==> flow/design.v <==
module sync_adder #(
    parameter BITS = 12
) (
    input wire aclk,
    input wire i_rst,
    input wire valid,
    input wire [BITS-1:0] u_i,
    input wire [BITS-1:0] v_i,
    input wire [BITS-1:0] w_i,
    output reg [BITS+1:0] q_o
);
    reg [BITS-1:0] r_u;
    reg [BITS-1:0] r_v;
    reg [BITS-1:0] r_w;
    reg [BITS:0] r_tmp;
    reg [BITS-1:0] r_w_d;
    always @(posedge aclk or posedge i_rst) begin
        if (i_rst) begin
            r_u <= 0;
            r_v <= 0;
            r_w <= 0;
            r_tmp <= 0;
            r_w_d <= 0;
            q_o <= 0;
        end else if (valid) begin
            r_u <= u_i;
            r_v <= v_i;
            r_w <= w_i;
            r_tmp <= r_u + r_v;
            r_w_d <= r_w;
            q_o <= r_tmp + r_w_d;
        end
    end
endmodule
# Tool chain data of sync_adder
# Tool output for the design above, in the order of the flow.
# Lines are those of the file above, counted from 1.
# Cell names lack the library's common part.
# Not given: --
[design]
top = "sync_adder"
clock = "aclk"
library = "sky130hd"
lib_corner = "tt_025C_1v80"

# After elaboration
# Source: Yosys, flattened and elaborated, memories not mapped. Widths are those after wreduce; folded enables and synchronous resets count as part of the registers. Registers that Yosys merges into a memory's read port (data or address) are not register bits. Print and check cells do not count. Equal cells are merged and count once.
[classes]
add_sub_neg = 2
[op_table]
columns = ["cell", "n"]
rows = [
  ["13-bit by 12-bit adder with 14-bit output", 1],
  ["12-bit by 12-bit adder with 13-bit output", 1],
]
[bits]
ff_bits = 75
inputBits = 39

# Depth
# Depth = most cells in a row (Yosys ltp): at word level without a register or memory, in the mapped netlist without a sequential cell, where the memories' decode and read muxes count.
[depth]
ltp_word = 1
ABC_AREA = 0
mapped_depth = 8
ltp_nobuf = 8

# Synthesis result
# Yosys stat after the flow's synthesis: flattened, memories mapped to cells. It holds for the ABC_AREA given above (unset counts as 0); a run with the other value may have another netlist.
# Totals and module areas in this step are rounded.
[by_type]
columns = ["cell", "n", "area_total_um2"]
rows = [
  ["dfrtp_1", 75, 1876.8],
  ["mux2_2", 55, 619.344],
  ["ha_1", 24, 300.288],
  ["a21oi_1", 16, 80.077],
  ["nand2_1", 19, 71.318],
  ["o21a_1", 9, 67.565],
  ["o21ai_0", 11, 55.053],
  ["a211oi_1", 6, 45.043],
  ["a21o_1", 6, 45.043],
  ["xnor2_1", 5, 43.792],
  ["nor2_1", 11, 41.29],
  ["fa_1", 2, 40.038],
  ["nor3_1", 8, 40.038],
  ["o31ai_2", 3, 37.536],
  ["inv_1", 8, 30.029],
  ["nand3_1", 6, 30.029],
  ["o31a_1", 3, 26.275],
  ["buf_2", 5, 25.024],
]
# Not listed: further types 37, cells in them 56.
[mapped]
stdcells = 328
area_um2 = 3900
flip_flops = 75
n_buf = 11

# Path before layout
# Source: OpenSTA report_checks on the synthesized netlist (no wires, ideal clock, input and output delay 20% of the period each), path of least setup slack; recovery checks are left aside. Register names are those of the netlist, which keeps one name where synthesis merged equal registers.
[synth_path]
path_kind = "reg2reg"
from = "reg r_u[0]"
to = "reg r_tmp[10]"
period_ns = 2.57
setup_ns = 0.092
t_first_pin_ns = 0.000
t_arrival_ns = 1.963
t_required_ns = 2.478
path_slack_ns = 0.515
delay_ns = 2.055
stages = 8
period_less_setup_slack_ns = 2.055
# "delay_ns" is the arrival time less input delay plus setup time.
# "stages": output pins that drive a net of the path, with the launching flip-flop's if there is one; two outputs of one cell count as two.
# "period_less_setup_slack_ns" = period - worst setup slack (recovery checks aside). The figure is calculated, with input and output delays left at 20% of the set period.
# Between the ends stands the longest chain of elaborated cells between them, by number of cells; it is not shown to be the way that was timed. Of several equally long chains one is given.
# A line is the first line of the expression or statement that the cell stems from. Yosys adds cells for indexed reads and writes and turns some case tables into memories.
[synth_between]
path_cell_list = "dfrtp_1 -> ha_1 -> fa_1 -> a21o_1 -> a311oi_2 -> nor4b_1 -> o21a_1 -> o31ai_2"
elab_chain_cells = 1
cone_cells = 1
cone_lines = 1
[synth_lines]
columns = ["element", "line_no", "text"]
rows = [
  ["start, declared", 12, "reg [BITS-1:0] r_u;"],
  ["start, assigned", 19, "r_u <= 0;"],
  ["start, assigned", 26, "r_u <= u_i;"],
  ["12-bit by 12-bit adder with 13-bit output", 29, "r_tmp <= r_u + r_v;"],
  ["end, assigned", 22, "r_tmp <= 0;"],
  ["end, assigned", 29, ""],
  ["end, declared", 15, "reg [BITS:0] r_tmp;"],
]

# Path in the finished layout
# Path of least setup slack in the final report of stored run 1 (OpenROAD, finished layout, wires in). Where an end is a register, its clock arrival counts in the times.
[layout_path]
path_kind = "reg2reg"
from = "reg r_u[0]"
to = "reg r_tmp[10]"
period_ns = 2.57
setup_ns = 0.09
t_first_pin_ns = 0.34
t_arrival_ns = 2.46
t_required_ns = 2.82
path_slack_ns = 0.36
stages = 8
# Between the ends stands the longest chain of elaborated cells between them, by number of cells; it is not shown to be the way that was timed. Of several equally long chains one is given.
[layout_between]
path_cell_list = "dfrtp_1 -> ha_1 -> fa_1 -> a21o_1 -> a311oi_2 -> nor4b_1 -> o21a_1 -> o31ai_2"
elab_chain_cells = 1
cone_cells = 1
cone_lines = 1
[layout_lines]
columns = ["element", "line_no", "text"]
rows = [
  ["start, declared", 12, "reg [BITS-1:0] r_u;"],
  ["start, assigned", 19, "r_u <= 0;"],
  ["start, assigned", 26, "r_u <= u_i;"],
  ["12-bit by 12-bit adder with 13-bit output", 29, "r_tmp <= r_u + r_v;"],
  ["end, assigned", 22, "r_tmp <= 0;"],
  ["end, assigned", 29, ""],
  ["end, declared", 15, "reg [BITS:0] r_tmp;"],
]

==> results <==
3 stored runs of sync_adder in the flow (synthesis by Yosys, layout by OpenROAD, sky130hd cells), in arbitrary order. Constraints: input delay and output delay 20% of the set period each, output load 0.01 pF.
"timing.achieved_period_ns": clock period set for the run, less the worst setup slack. It is reckoned from that one timing run; input and output delays stay at 20% of the period that was set.
"worst_path_allowed_less_slack_ns": the worst setup path's part of the clock period (all of it between registers, 20% less for each end at a port) less its slack. A launch clock that arrives late makes it longer, a capture clock that arrives late makes it shorter.
The measured numbers are rounded.

# stored run 1
==> flow/run.sh <==
#!/bin/bash
# the make line also repeats the synthesis and layout settings of config.mk as NAME=value (left out here)
make -C /OpenROAD-flow-scripts/flow DESIGN_CONFIG=/design/flow/config.mk WORK_HOME=/design/flow/orfs CLKGATE_MAP_FILE= finish
==> flow/config.mk <==
export PLATFORM = sky130hd
export DESIGN_NAME = sync_adder
export DESIGN_NICKNAME = sync_adder
export VERILOG_FILES = /design/flow/design.v
export SDC_FILE = /design/flow/constraint.sdc
export NUM_CORES = 4
export LEC_CHECK = 0
export CAP_MARGIN = 20
export CORE_MARGIN = 2
export CORE_UTILIZATION = 40
export SLEW_MARGIN = 20
==> flow/constraint.sdc <==
create_clock -name core_clock -period 2.57 [get_ports {aclk}]
set_input_delay 0.5140 -clock core_clock [delete_from_list [all_inputs] [get_ports {aclk}]]
set_output_delay 0.5140 -clock core_clock [all_outputs]
set_load 0.01 [all_outputs]

==> stored run 1: results <==
cell_area_final_um2=4800
synth_chip_area_um2=3900
total_die_area_um2=11000
timing.setup.tns_ns=0.000
timing.achieved_period_ns=2.213
worst_path_allowed_less_slack_ns=2.21
worst_setup_path_type="reg2reg"
timing.setup.ws_ns=0.36

# stored run 2
==> flow/run.sh <==
#!/bin/bash
# the make line also repeats the synthesis and layout settings of config.mk as NAME=value (left out here)
make -C /OpenROAD-flow-scripts/flow DESIGN_CONFIG=/design/flow/config.mk WORK_HOME=/design/flow/orfs CLKGATE_MAP_FILE= finish
==> flow/config.mk <==
export PLATFORM = sky130hd
export DESIGN_NAME = sync_adder
export DESIGN_NICKNAME = sync_adder
export VERILOG_FILES = /design/flow/design.v
export SDC_FILE = /design/flow/constraint.sdc
export NUM_CORES = 4
export LEC_CHECK = 0
export ABC_AREA = 0
export CAP_MARGIN = 20
export CORE_ASPECT_RATIO = 0.98
export CORE_MARGIN = 4
export CORE_UTILIZATION = 69
export CTS_CLUSTER_SIZE = 95
export GPL_TIMING_DRIVEN = 0
export HOLD_SLACK_MARGIN = -0.09
export MAX_ROUTING_LAYER = met4
export PLACE_DENSITY_LB_ADDON = 0.06
export SLEW_MARGIN = 0
==> flow/constraint.sdc <==
create_clock -name core_clock -period 1.84 [get_ports {aclk}]
set_input_delay 0.3680 -clock core_clock [delete_from_list [all_inputs] [get_ports {aclk}]]
set_output_delay 0.3680 -clock core_clock [all_outputs]
set_load 0.01 [all_outputs]

==> stored run 2: results <==
outcome="no final report: routing broke off with ODB-0269"

# stored run 3
==> flow/run.sh <==
#!/bin/bash
# the make line also repeats the synthesis and layout settings of config.mk as NAME=value (left out here)
make -C /OpenROAD-flow-scripts/flow DESIGN_CONFIG=/design/flow/config.mk WORK_HOME=/design/flow/orfs CLKGATE_MAP_FILE= finish
==> flow/config.mk <==
export PLATFORM = sky130hd
export DESIGN_NAME = sync_adder
export DESIGN_NICKNAME = sync_adder
export VERILOG_FILES = /design/flow/design.v
export SDC_FILE = /design/flow/constraint.sdc
export NUM_CORES = 4
export LEC_CHECK = 0
export CAP_MARGIN = 20
export CORE_ASPECT_RATIO = 1.49
export CORE_MARGIN = 5
export CORE_UTILIZATION = 28
export CTS_CLUSTER_DIAMETER = 85
export GPL_TIMING_DRIVEN = 0
export PLACE_DENSITY_LB_ADDON = 0.02
export SETUP_SLACK_MARGIN = 0.24
export SLEW_MARGIN = 20
==> flow/constraint.sdc <==
create_clock -name core_clock -period 2.15 [get_ports {aclk}]
set_input_delay 0.4300 -clock core_clock [delete_from_list [all_inputs] [get_ports {aclk}]]
set_output_delay 0.4300 -clock core_clock [all_outputs]
set_load 0.01 [all_outputs]

==> stored run 3: results <==
cell_area_final_um2=5200
synth_chip_area_um2=3900
total_die_area_um2=16000
timing.setup.tns_ns=0.000
timing.achieved_period_ns=2.047
worst_path_allowed_less_slack_ns=2.05
worst_setup_path_type="reg2reg"
timing.setup.ws_ns=0.10
